==> flow/design.v <==
module add_unit_v2 #(
  parameter DATA_WIDTH = 96,
  parameter SLICE = 6
) (
  input wire clock,
  input wire rstn,
  input wire step,
  input wire [DATA_WIDTH-1:0] first,
  input wire [DATA_WIDTH-1:0] second,
  input wire cin,
  output wire [DATA_WIDTH-1:0] out,
  output wire cy
);
  reg [DATA_WIDTH-1:0] first_r;
  reg [DATA_WIDTH-1:0] second_r;
  reg cin_r;
  localparam NG = DATA_WIDTH / SLICE;
  wire [DATA_WIDTH-1:0] nxt;
  wire [NG:0] c;
  assign c[0] = cin_r;
  genvar i;
  generate
    for (i = 0; i < NG; i = i + 1) begin : row
      wire [SLICE:0] s0 = first_r[i*SLICE +: SLICE] + second_r[i*SLICE +: SLICE];
      wire [SLICE:0] s1 = first_r[i*SLICE +: SLICE] + second_r[i*SLICE +: SLICE] + 1'b1;
      assign {c[i+1], nxt[i*SLICE +: SLICE]} = c[i] ? s1 : s0;
    end
  endgenerate
  assign out = nxt;
  assign cy = c[NG];
  always @(posedge clock or negedge rstn) begin
    if (!rstn) begin
      first_r <= 0;
      second_r <= 0;
      cin_r <= 1'b0;
    end else if (step) begin
      first_r <= first;
      second_r <= second;
      cin_r <= cin;
    end
  end
endmodule
From RTL to reports: add_unit_v2
The steps from the RTL of add_unit_v2 to its reports follow in flow order.
Lines are those of the file above, counted from 1.
Library cell names are shortened.
{"block": "setup", "top": "add_unit_v2", "clk_port": "clock", "lib": "sky130hd", "corner": "tt_025C_1v80"}

Word level
Source: Yosys, flattened and elaborated, memories not mapped. Widths are those after wreduce; folded enables and synchronous resets count as part of the registers. Registers that Yosys merges into a memory's read port (data or address) are not register bits. Print and check cells do not count. Equal cells are merged and count once.
{"block": "bits", "register_bits": 193, "in_bits": 196, "output_inout_bits": 97}
{"block": "op_classes", "n_addsub": 32, "mux": 16}
{"block": "ops", "cell": "6-bit by 6-bit adder with 7-bit output", "n": 16}
{"block": "ops", "cell": "7-bit by 1-bit adder with 7-bit output with constant B", "n": 16}
{"block": "ops", "cell": "7-bit two-way mux", "n": 16}

Logic depth
Longest topological path by Yosys (ltp), each cell counted once; first at word level (registers and memories cut), then after technology mapping (sequential cells cut; the memories' decode and read muxes count).
{"block": "logic_depth", "depth_word": 18, "abc_area": 0, "depth_mapped": 23, "depth_no_buf": 22}

Synthesis result
Yosys stat after the flow's synthesis: flattened, memories mapped to cells. It holds for the ABC_AREA given above (unset counts as 0); a run with the other value may have another netlist.
{"block": "by_type", "cell": "dfrtp_1", "n": 193, "type_area_um2": 4.83E+03}
{"block": "by_type", "cell": "mux2_2", "n": 201, "type_area_um2": 2.26E+03}
{"block": "by_type", "cell": "ha_1", "n": 112, "type_area_um2": 1.4E+03}
{"block": "by_type", "cell": "xnor2_1", "n": 97, "type_area_um2": 849.565}
{"block": "by_type", "cell": "xor2_1", "n": 54, "type_area_um2": 472.954}
{"block": "by_type", "cell": "fa_1", "n": 16, "type_area_um2": 320.307}
{"block": "by_type", "cell": "a21oi_1", "n": 55, "type_area_um2": 275.264}
{"block": "by_type", "cell": "a21o_1", "n": 32, "type_area_um2": 240.23}
{"block": "by_type", "cell": "nand2_1", "n": 54, "type_area_um2": 202.694}
{"block": "by_type", "cell": "nor2_1", "n": 49, "type_area_um2": 183.926}
{"block": "by_type", "cell": "inv_1", "n": 41, "type_area_um2": 153.898}
{"block": "by_type", "cell": "o21bai_1", "n": 20, "type_area_um2": 150.144}
{"block": "by_type", "cell": "nand3_1", "n": 26, "type_area_um2": 130.125}
{"block": "by_type", "cell": "mux2i_1", "n": 11, "type_area_um2": 110.106}
{"block": "by_type", "cell": "nand4_1", "n": 16, "type_area_um2": 100.096}
{"block": "by_type", "cell": "o21ai_0", "n": 18, "type_area_um2": 90.086}
{"block": "by_type", "cell": "clkbuf_1", "n": 22, "type_area_um2": 82.579}
{"block": "by_type", "cell": "and2_1", "n": 9, "type_area_um2": 56.304}
Not listed: further types 40, cells in them 98.
{"block": "mapped", "cell_count": 1124, "yosys_area_um2": 12724.7, "seq_area_um2": 4829.6, "flip_flops": 193}

Worst setup path after synthesis
Path of least setup slack by OpenSTA after synthesis, without wires, with an ideal clock, recovery checks aside; 20% of the period is set as input and as output delay. Where synthesis merged equal registers, the netlist keeps one of their names.
{"block": "synth_timing", "path_type": "register -> output", "from": "register first_r[0]", "to": "output out[91]", "clock_period_ns": 10.3, "output_delay_ns": 2.060, "t_first_pin_ns": 0.000, "t_arrival_ns": 6.562, "t_required_ns": 8.240, "setup_slack_ns": 1.678, "path_delay_ns": 6.562, "driving_pins": 23, "synth_period_reached_ns": 8.622}
"path_delay_ns" = arrival - input delay + setup time.
At an output port there is no setup time.
"driving_pins" counts driving pins, that of a launching flip-flop among them; a cell with two outputs on the path counts twice.
"synth_period_reached_ns" = period - worst setup slack (recovery checks aside). The figure is calculated, with input and output delays left at 20% of the set period.
The rows between start and end are the longest chain of elaborated cells between them; the timing report does not say that the signal goes this way. Where chains are equally long, one stands for them.
A line is the first line of the expression or statement that the cell stems from. Yosys adds cells for indexed reads and writes and turns some case tables into memories.
{"block": "synth_between", "cell_sequence": "dfrtp_1 -> ha_1 -> fa_1 -> a211oi_1 -> o21ai_0 -> a2111oi_0 -> and4_1 -> or2_2 -> o2111ai_1 -> or3_1 -> buf_6 -> or4_4 -> mux2i_2 -> mux2i_1 -> mux2i_1 -> mux2_4 -> mux2i_1 -> mux2_4 -> mux2i_2 -> mux2i_1 -> mux2_4 -> xnor2_4 -> mux2_1", "elab_chain_len": 18, "cone_cells": 18}
{"block": "synth_lines", "element": "from (decl)", "line_no": 14, "source": "reg [DATA_WIDTH-1:0] first_r;"}
{"block": "synth_lines", "element": "from (assign)", "line_no": 33, "source": "first_r <= 0;"}
{"block": "synth_lines", "element": "from (assign)", "line_no": 37, "source": "first_r <= first;"}
{"block": "synth_lines", "element": "6-bit by 6-bit adder with 7-bit output", "line_no": 25, "source": "wire [SLICE:0] s1 = first_r[i*SLICE +: SLICE] + second_r[i*SLICE +: SLICE] + 1'b1;"}
{"block": "synth_lines", "element": "7-bit by 1-bit adder with 7-bit output", "line_no": 25}
{"block": "synth_lines", "element": "7-bit two-way mux (16 in a row)", "line_no": 26, "source": "assign {c[i+1], nxt[i*SLICE +: SLICE]} = c[i] ? s1 : s0;"}
{"block": "synth_lines", "element": "to (decl)", "line_no": 11, "source": "output wire [DATA_WIDTH-1:0] out,"}

Worst path after layout
From the final timing report of entry B: the path of least setup slack in the routed layout; clock arrival at registers is part of the times.
{"block": "layout_timing", "path_type": "register -> output", "from": "register first_r[0]", "to": "output out[91]", "clock_period_ns": 10.3, "output_delay_ns": 2.06, "t_first_pin_ns": 0.43, "t_arrival_ns": 7.78, "t_required_ns": 8.24, "setup_slack_ns": 0.46, "driving_pins": 23}
The rows between start and end are the longest chain of elaborated cells between them; the timing report does not say that the signal goes this way. Where chains are equally long, one stands for them.
{"block": "layout_between", "cell_sequence": "dfrtp_1 -> ha_1 -> fa_1 -> a211oi_2 -> o21ai_0 -> a2111oi_1 -> and4_1 -> or2_2 -> o2111ai_1 -> or3_4 -> or4_4 -> mux2i_4 -> mux2i_2 -> mux2i_2 -> mux2_4 -> mux2i_4 -> mux2_4 -> mux2i_2 -> mux2i_2 -> mux2_4 -> xnor2_4 -> mux2_1 -> clkdlybuf4s50_1", "elab_chain_len": 18, "cone_cells": 18}
{"block": "layout_lines", "element": "from (decl)", "line_no": 14, "source": "reg [DATA_WIDTH-1:0] first_r;"}
{"block": "layout_lines", "element": "from (assign)", "line_no": 33, "source": "first_r <= 0;"}
{"block": "layout_lines", "element": "from (assign)", "line_no": 37, "source": "first_r <= first;"}
{"block": "layout_lines", "element": "6-bit by 6-bit adder with 7-bit output", "line_no": 25, "source": "wire [SLICE:0] s1 = first_r[i*SLICE +: SLICE] + second_r[i*SLICE +: SLICE] + 1'b1;"}
{"block": "layout_lines", "element": "7-bit by 1-bit adder with 7-bit output", "line_no": 25}
{"block": "layout_lines", "element": "7-bit two-way mux (16 in a row)", "line_no": 26, "source": "assign {c[i+1], nxt[i*SLICE +: SLICE]} = c[i] ? s1 : s0;"}
{"block": "layout_lines", "element": "to (decl)", "line_no": 11, "source": "output wire [DATA_WIDTH-1:0] out,"}

Subject: flow runs of add_unit_v2

Hi,

Flow measurements of add_unit_v2 on sky130hd: 3 stored runs with different settings, listed in no order. Input and output delays are each 20% of the period that was set; the output load is 0.01 pF.
By "achievedPeriod_ns" is meant the clock period of the run minus its worst setup slack. This is arithmetic on one report: input and output delays are still those of the set period (20% each).
"timing.worst_path_ns" is the time allowed to the run's worst setup path (the clock period less input and output delay, where it has them) less its slack. Clock arrival times count: a late capture clock shortens it, a late launch clock lengthens it.
By "power.total_mw" is meant OpenSTA's value without simulated activity: inputs other than the clock are taken to toggle once in ten clock periods, and the tool carries that through the logic.

Entry A
==> flow/run.sh <==
#!/bin/bash
# the make line also repeats the synthesis and layout settings of config.mk as NAME=value (left out here)
make -C /OpenROAD-flow-scripts/flow DESIGN_CONFIG=/design/flow/config.mk WORK_HOME=/design/flow/orfs CLKGATE_MAP_FILE= finish
==> flow/config.mk <==
export PLATFORM = sky130hd
export DESIGN_NAME = add_unit_v2
export DESIGN_NICKNAME = add_unit_v2
export VERILOG_FILES = /design/flow/design.v
export SDC_FILE = /design/flow/constraint.sdc
export NUM_CORES = 4
export LEC_CHECK = 0
export CAP_MARGIN = 35
export CELL_PAD_IN_SITES_DETAIL_PLACEMENT = 0
export CELL_PAD_IN_SITES_GLOBAL_PLACEMENT = 2
export CORE_ASPECT_RATIO = 1.23
export CORE_MARGIN = 2
export CORE_UTILIZATION = 53
export CTS_CLUSTER_DIAMETER = 75
export GPL_ROUTABILITY_DRIVEN = 1
export MAX_ROUTING_LAYER = met5
export MIN_ROUTING_LAYER = met1
export PLACE_DENSITY_LB_ADDON = 0.04
export SETUP_SLACK_MARGIN = 0.57
export SLEW_MARGIN = 20
==> flow/constraint.sdc <==
create_clock -name core_clock -period 12.4 [get_ports {clock}]
set_input_delay 2.4800 -clock core_clock [delete_from_list [all_inputs] [get_ports {clock}]]
set_output_delay 2.4800 -clock core_clock [all_outputs]
set_load 0.01 [all_outputs]

==> results of entry A, as JSON <==
{
  "outcome": "not finished: placement ended with error FLW-0024"
}

Entry B
==> flow/run.sh <==
#!/bin/bash
# the make line also repeats the synthesis and layout settings of config.mk as NAME=value (left out here)
make -C /OpenROAD-flow-scripts/flow DESIGN_CONFIG=/design/flow/config.mk WORK_HOME=/design/flow/orfs CLKGATE_MAP_FILE= finish
==> flow/config.mk <==
export PLATFORM = sky130hd
export DESIGN_NAME = add_unit_v2
export DESIGN_NICKNAME = add_unit_v2
export VERILOG_FILES = /design/flow/design.v
export SDC_FILE = /design/flow/constraint.sdc
export NUM_CORES = 4
export LEC_CHECK = 0
export CAP_MARGIN = 20
export CORE_MARGIN = 2
export CORE_UTILIZATION = 40
export SLEW_MARGIN = 20
==> flow/constraint.sdc <==
create_clock -name core_clock -period 10.3 [get_ports {clock}]
set_input_delay 2.0600 -clock core_clock [delete_from_list [all_inputs] [get_ports {clock}]]
set_output_delay 2.0600 -clock core_clock [all_outputs]
set_load 0.01 [all_outputs]

==> results of entry B, as JSON <==
{
  "synthArea_um2": 12724.7,
  "design.die.area_um2": 33255.2,
  "post_route_stdcell_area_um2": 16708.5,
  "fin_util_pct": 53.1,
  "setup_ws_ns": 0.463,
  "total_negative_slack_ns": 0.000,
  "hold_worst_slack_ns": 0.513,
  "power.total_mw": 2.981,
  "achievedPeriod_ns": 9.837,
  "timing.worst_path_ns": 7.78,
  "worst_path_kind": "register -> output"
}

Entry C
==> flow/run.sh <==
#!/bin/bash
# the make line also repeats the synthesis and layout settings of config.mk as NAME=value (left out here)
make -C /OpenROAD-flow-scripts/flow DESIGN_CONFIG=/design/flow/config.mk WORK_HOME=/design/flow/orfs CLKGATE_MAP_FILE= finish
==> flow/config.mk <==
export PLATFORM = sky130hd
export DESIGN_NAME = add_unit_v2
export DESIGN_NICKNAME = add_unit_v2
export VERILOG_FILES = /design/flow/design.v
export SDC_FILE = /design/flow/constraint.sdc
export NUM_CORES = 4
export LEC_CHECK = 0
export ABC_AREA = 1
export CAP_MARGIN = 20
export CELL_PAD_IN_SITES_DETAIL_PLACEMENT = 0
export CORE_MARGIN = 2
export CORE_UTILIZATION = 18
export GPL_ROUTABILITY_DRIVEN = 0
export GPL_TIMING_DRIVEN = 0
export HOLD_SLACK_MARGIN = 0.19
export MIN_ROUTING_LAYER = met2
export PLACE_DENSITY_LB_ADDON = 0.14
export SETUP_SLACK_MARGIN = 0.56
export SLEW_MARGIN = 20
==> flow/constraint.sdc <==
create_clock -name core_clock -period 6.11 [get_ports {clock}]
set_input_delay 1.2220 -clock core_clock [delete_from_list [all_inputs] [get_ports {clock}]]
set_output_delay 1.2220 -clock core_clock [all_outputs]
set_load 0.01 [all_outputs]

==> results of entry C, as JSON <==
{
  "synthArea_um2": 13097.6,
  "design.die.area_um2": 74939.1,
  "post_route_stdcell_area_um2": 18680.4,
  "fin_util_pct": 26.0,
  "setup_ws_ns": -0.074,
  "total_negative_slack_ns": -0.666,
  "hold_worst_slack_ns": 0.516,
  "power.total_mw": 6.200,
  "achievedPeriod_ns": 6.184,
  "timing.worst_path_ns": 4.96,
  "worst_path_kind": "register -> output"
}

Regards
